==> flow/design.v <==
module u_mpy_n #(
   parameter WD = 4
) (
   input logic aclk,
   input logic [WD-1:0] in_op_a,
   input logic [WD-1:0] in_op_b,
   input logic [2*WD-1:0] in_op_c,
   output logic [2*WD:0] out_q
);
   logic [WD-1:0] r_op_a;
   logic [WD-1:0] r_op_b;
   logic [2*WD-1:0] r_op_c;
   assign out_q = r_op_a * r_op_b + r_op_c;
   always_ff @(posedge aclk) begin
      r_op_a <= in_op_a;
      r_op_b <= in_op_b;
      r_op_c <= in_op_c;
   end
endmodule
=== Reports on u_mpy_n ===
The steps from the RTL of u_mpy_n to its reports follow in flow order.
Line numbers count from 1 in the design file above.
Library cell names are shortened.
A cell with -- has no value.

* Top: u_mpy_n
* Clock port: aclk
* Standard-cell library: sky130hd
* Library corner: tt_025C_1v80

=== Word-level counts ===
Counts by Yosys on the flattened word-level netlist (proc, flatten, opt, wreduce; memories kept). Register bits leave out memories and registers merged into their read ports (data or address); mux counts leave out enables and synchronous resets folded into registers. Print and check cells are left out. Cells with the same type and inputs are merged into one.

* Flip-flop bits (word level): 16
* Latch bits: 0
* RAM bits: 0
* ROM bits: 0
* Clocked read ports x word width: 0
* Memories: 0
* Output and inout port bits: 9
* Elaborated cells: 5

* Add/sub/neg operators: 1
* Multiply operators: 1
* Divide/modulo/power cells: 0
* Order comparisons: 0
* Equal/unequal tests: 0
* Shift-type cells: 0
* Mux-type cells: 0
* Bitwise logic cells: 0
* Reduce/logical cells: 0

{| class="wikitable"
|+ Operators by type and width
! operator !! count
|-
| 4-bit by 4-bit multiplier with 8-bit output || 1
|-
| 8-bit by 8-bit adder with 9-bit output || 1
|}

=== Longest topological paths ===
Longest topological path by Yosys (ltp), each cell counted once; first at word level (registers and memories cut), then after technology mapping (sequential cells cut; the memories' decode and read muxes count).

* Word-level depth: 2
* ABC_AREA: 0
* Depth in mapped cells: 13
* Depth with buffers taken out: 13

=== Synthesis result ===
Yosys stat after the flow's synthesis: flattened, memories mapped to cells. It holds for the ABC_AREA given above (unset counts as 0); a run with the other value may have another netlist.

* Mapped cells: 101
* Cell area after synthesis: 1,026.0 µm²
* Area of sequential cells: 320.3 µm²
* Flip-flops: 16

{| class="wikitable"
|+ Cells by type
! cell !! count !! area in all (µm²)
|-
| dfxtp_1 || 16 || 320.307
|-
| ha_1 || 17 || 212.704
|-
| fa_1 || 9 || 180.173
|-
| inv_1 || 23 || 86.333
|-
| and2_1 || 9 || 56.304
|-
| xnor2_1 || 4 || 35.034
|-
| nand2_1 || 7 || 26.275
|-
| a21oi_2 || 2 || 17.517
|-
| xor2_1 || 2 || 17.517
|-
| a21oi_1 || 3 || 15.014
|-
| a311oi_2 || 1 || 15.014
|-
| nor2_1 || 4 || 15.014
|-
| a21o_1 || 1 || 7.507
|-
| o21a_1 || 1 || 7.507
|-
| o21bai_1 || 1 || 7.507
|-
| nor2b_1 || 1 || 6.256
|}

=== Path before layout ===
Path of least setup slack by OpenSTA after synthesis, without wires, with an ideal clock, recovery checks aside; 20% of the period is set as input and as output delay. Where synthesis merged equal registers, the netlist keeps one of their names.

* Kind: register to output
* From: reg r_op_b[3]
* To: out out_q[8]
* Clock period: 4,790 ps
* External output delay: 958 ps
* Launch time at the first pin: 0 ps
* Data arrival time: 3,064 ps
* Required time: 3,832 ps
* Path slack: 768 ps
* Path delay: 3,064 ps
* Driving pins on the path: 11
* Path buffers: 0
* Period reached after synthesis: 4,022 ps

"path delay" is the arrival time less input delay plus setup time.
A path that ends at an output port has no setup time.
"driving pins on the path" counts driving pins, that of a launching flip-flop among them; a cell with two outputs on the path counts twice.
"period reached after synthesis" is the clock period less the worst setup slack; recovery checks do not enter. This is arithmetic on one report: input and output delays are still those of the set period (20% each).
The rows between start and end are the longest chain of elaborated cells between them; the timing report does not say that the signal goes this way. Where chains are equally long, one stands for them.
Each line given opens the expression or statement behind the cell; cells for indexed reads and writes are added by Yosys, which also makes memories of some case tables.

* Path through: dfxtp_1 > nand2_1 > fa_1 > fa_1 > fa_1 > inv_1 > ha_1 > nor2b_1 > a311oi_2 > a21oi_1 > xor2_1
* Length of the longest elaborated chain: 2

{| class="wikitable"
|+ RTL lines, path after synthesis
! what !! line !! text
|-
| start: declaration || 11 || <nowiki>logic [WD-1:0] r_op_b;</nowiki>
|-
| start: assignment || 16 || <nowiki>r_op_b <= in_op_b;</nowiki>
|-
| 4-bit by 4-bit multiplier with 8-bit output || 13 || <nowiki>assign out_q = r_op_a * r_op_b + r_op_c;</nowiki>
|-
| 8-bit by 8-bit adder with 9-bit output || 13 ||
|-
| end: declaration || 8 || <nowiki>output logic [2*WD:0] out_q</nowiki>
|}

=== Timing after layout ===
Path of least setup slack in the final report of run 1 (OpenROAD, finished layout, wires in). Where an end is a register, its clock arrival counts in the times.
The path's times are printed in steps of 10 ps; the period is the one set.

* Kind: register to output
* From: reg r_op_b[3]
* To: out out_q[6]
* Clock period: 6,750 ps
* External output delay: 1,350 ps
* Launch time at the first pin: 240 ps
* Data arrival time: 3,750 ps
* Required time: 5,400 ps
* Path slack: 1,650 ps
* Driving pins on the path: 11
* Path buffers: 1

The rows between start and end are the longest chain of elaborated cells between them; the timing report does not say that the signal goes this way. Where chains are equally long, one stands for them.

* Path through: dfxtp_1 > nand2_1 > fa_1 > fa_1 > fa_1 > inv_1 > ha_1 > nor2b_1 > a311oi_2 > xnor2_1 > clkdlybuf4s50_1
* Length of the longest elaborated chain: 2

{| class="wikitable"
|+ RTL lines, path after layout
! what !! line !! text
|-
| start: declaration || 11 || <nowiki>logic [WD-1:0] r_op_b;</nowiki>
|-
| start: assignment || 16 || <nowiki>r_op_b <= in_op_b;</nowiki>
|-
| 4-bit by 4-bit multiplier with 8-bit output || 13 || <nowiki>assign out_q = r_op_a * r_op_b + r_op_c;</nowiki>
|-
| 8-bit by 8-bit adder with 9-bit output || 13 ||
|-
| end: declaration || 8 || <nowiki>output logic [2*WD:0] out_q</nowiki>
|}

Settings and measured results of 3 stored flow runs for module u_mpy_n (sky130hd), not sorted in any way. The constraints put input and output delay at 20% of the set period each and load the outputs with 0.01 pF.
"achieved clock period" means the clock period less the worst setup slack. The figure is calculated, with input and output delays left at 20% of the set period.
"time of the worst setup path" = time allowed to the worst setup path (clock period - input delay - output delay, where it has them) - its slack; a late launch clock adds to it, a late capture clock takes from it.
By "power consumption" is meant OpenSTA's value without simulated activity: inputs other than the clock are taken to toggle once in ten clock periods, and the tool carries that through the logic.
"time of the worst setup path" is given in steps of 10 ps.

=== Run 1 ===
{| class="wikitable"
! Setting !! Value
|-
| period_ns || 6.75
|-
| CORE_UTILIZATION || 26
|-
| SETUP_SLACK_MARGIN || 1.53
|-
| PLACE_DENSITY_LB_ADDON || 0.13
|-
| CORE_ASPECT_RATIO || 0.72
|-
| CORE_MARGIN || 4
|-
| TNS_END_PERCENT || 35
|-
| CAP_MARGIN || 20
|-
| SLEW_MARGIN || 20
|-
! Result !! Value
|-
| Area of the standard cells in the finished layout || 1,400.1 µm²
|-
| Utilization of the finished layout || 36.8%
|-
| Achieved clock period || 5,099 ps
|-
| Worst hold slack after layout || 1,542 ps
|-
| Worst setup slack after layout || 1,651 ps
|-
| Synthesis area || 1,026.0 µm²
|-
| Power consumption || 0.0003474 W
|-
| Area of the die || 5,028.4 µm²
|-
| Total negative setup slack || 0 ps
|-
| Time of the worst setup path || 3,750 ps
|-
| Worst setup path type || register to output
|}

=== Run 2 ===
{| class="wikitable"
! Setting !! Value
|-
| period_ns || 4.79
|-
| CAP_MARGIN || 20
|-
| CORE_MARGIN || 2
|-
| CORE_UTILIZATION || 40
|-
| SLEW_MARGIN || 20
|-
! Result !! Value
|-
| Area of the standard cells in the finished layout || 1,356.3 µm²
|-
| Utilization of the finished layout || 55.2%
|-
| Achieved clock period || 4,541 ps
|-
| Worst hold slack after layout || 1,104 ps
|-
| Worst setup slack after layout || 249 ps
|-
| Synthesis area || 1,026.0 µm²
|-
| Power consumption || 0.0004548 W
|-
| Area of the die || 2,986.1 µm²
|-
| Total negative setup slack || 0 ps
|-
| Time of the worst setup path || 3,580 ps
|-
| Worst setup path type || register to output
|}

=== Run 3 ===
{| class="wikitable"
! Setting !! Value
|-
| period_ns || 3.6
|-
| CORE_UTILIZATION || 21
|-
| SETUP_SLACK_MARGIN || 0.59
|-
| PLACE_DENSITY || 0.87
|-
| TNS_END_PERCENT || 50
|-
| ABC_AREA || 0
|-
| SLEW_MARGIN || 40
|-
| CAP_MARGIN || 20
|-
| CORE_MARGIN || 2
|-
! Result !! Value
|-
| Area of the standard cells in the finished layout || 1,554.0 µm²
|-
| Utilization of the finished layout || 32.9%
|-
| Achieved clock period || 3,979 ps
|-
| Worst hold slack after layout || 908 ps
|-
| Worst setup slack after layout || -379 ps
|-
| Synthesis area || 1,026.0 µm²
|-
| Power consumption || 0.0007057 W
|-
| Area of the die || 5,460.5 µm²
|-
| Total negative setup slack || -1,393 ps
|-
| Time of the worst setup path || 3,260 ps
|-
| Worst setup path type || register to output
|}
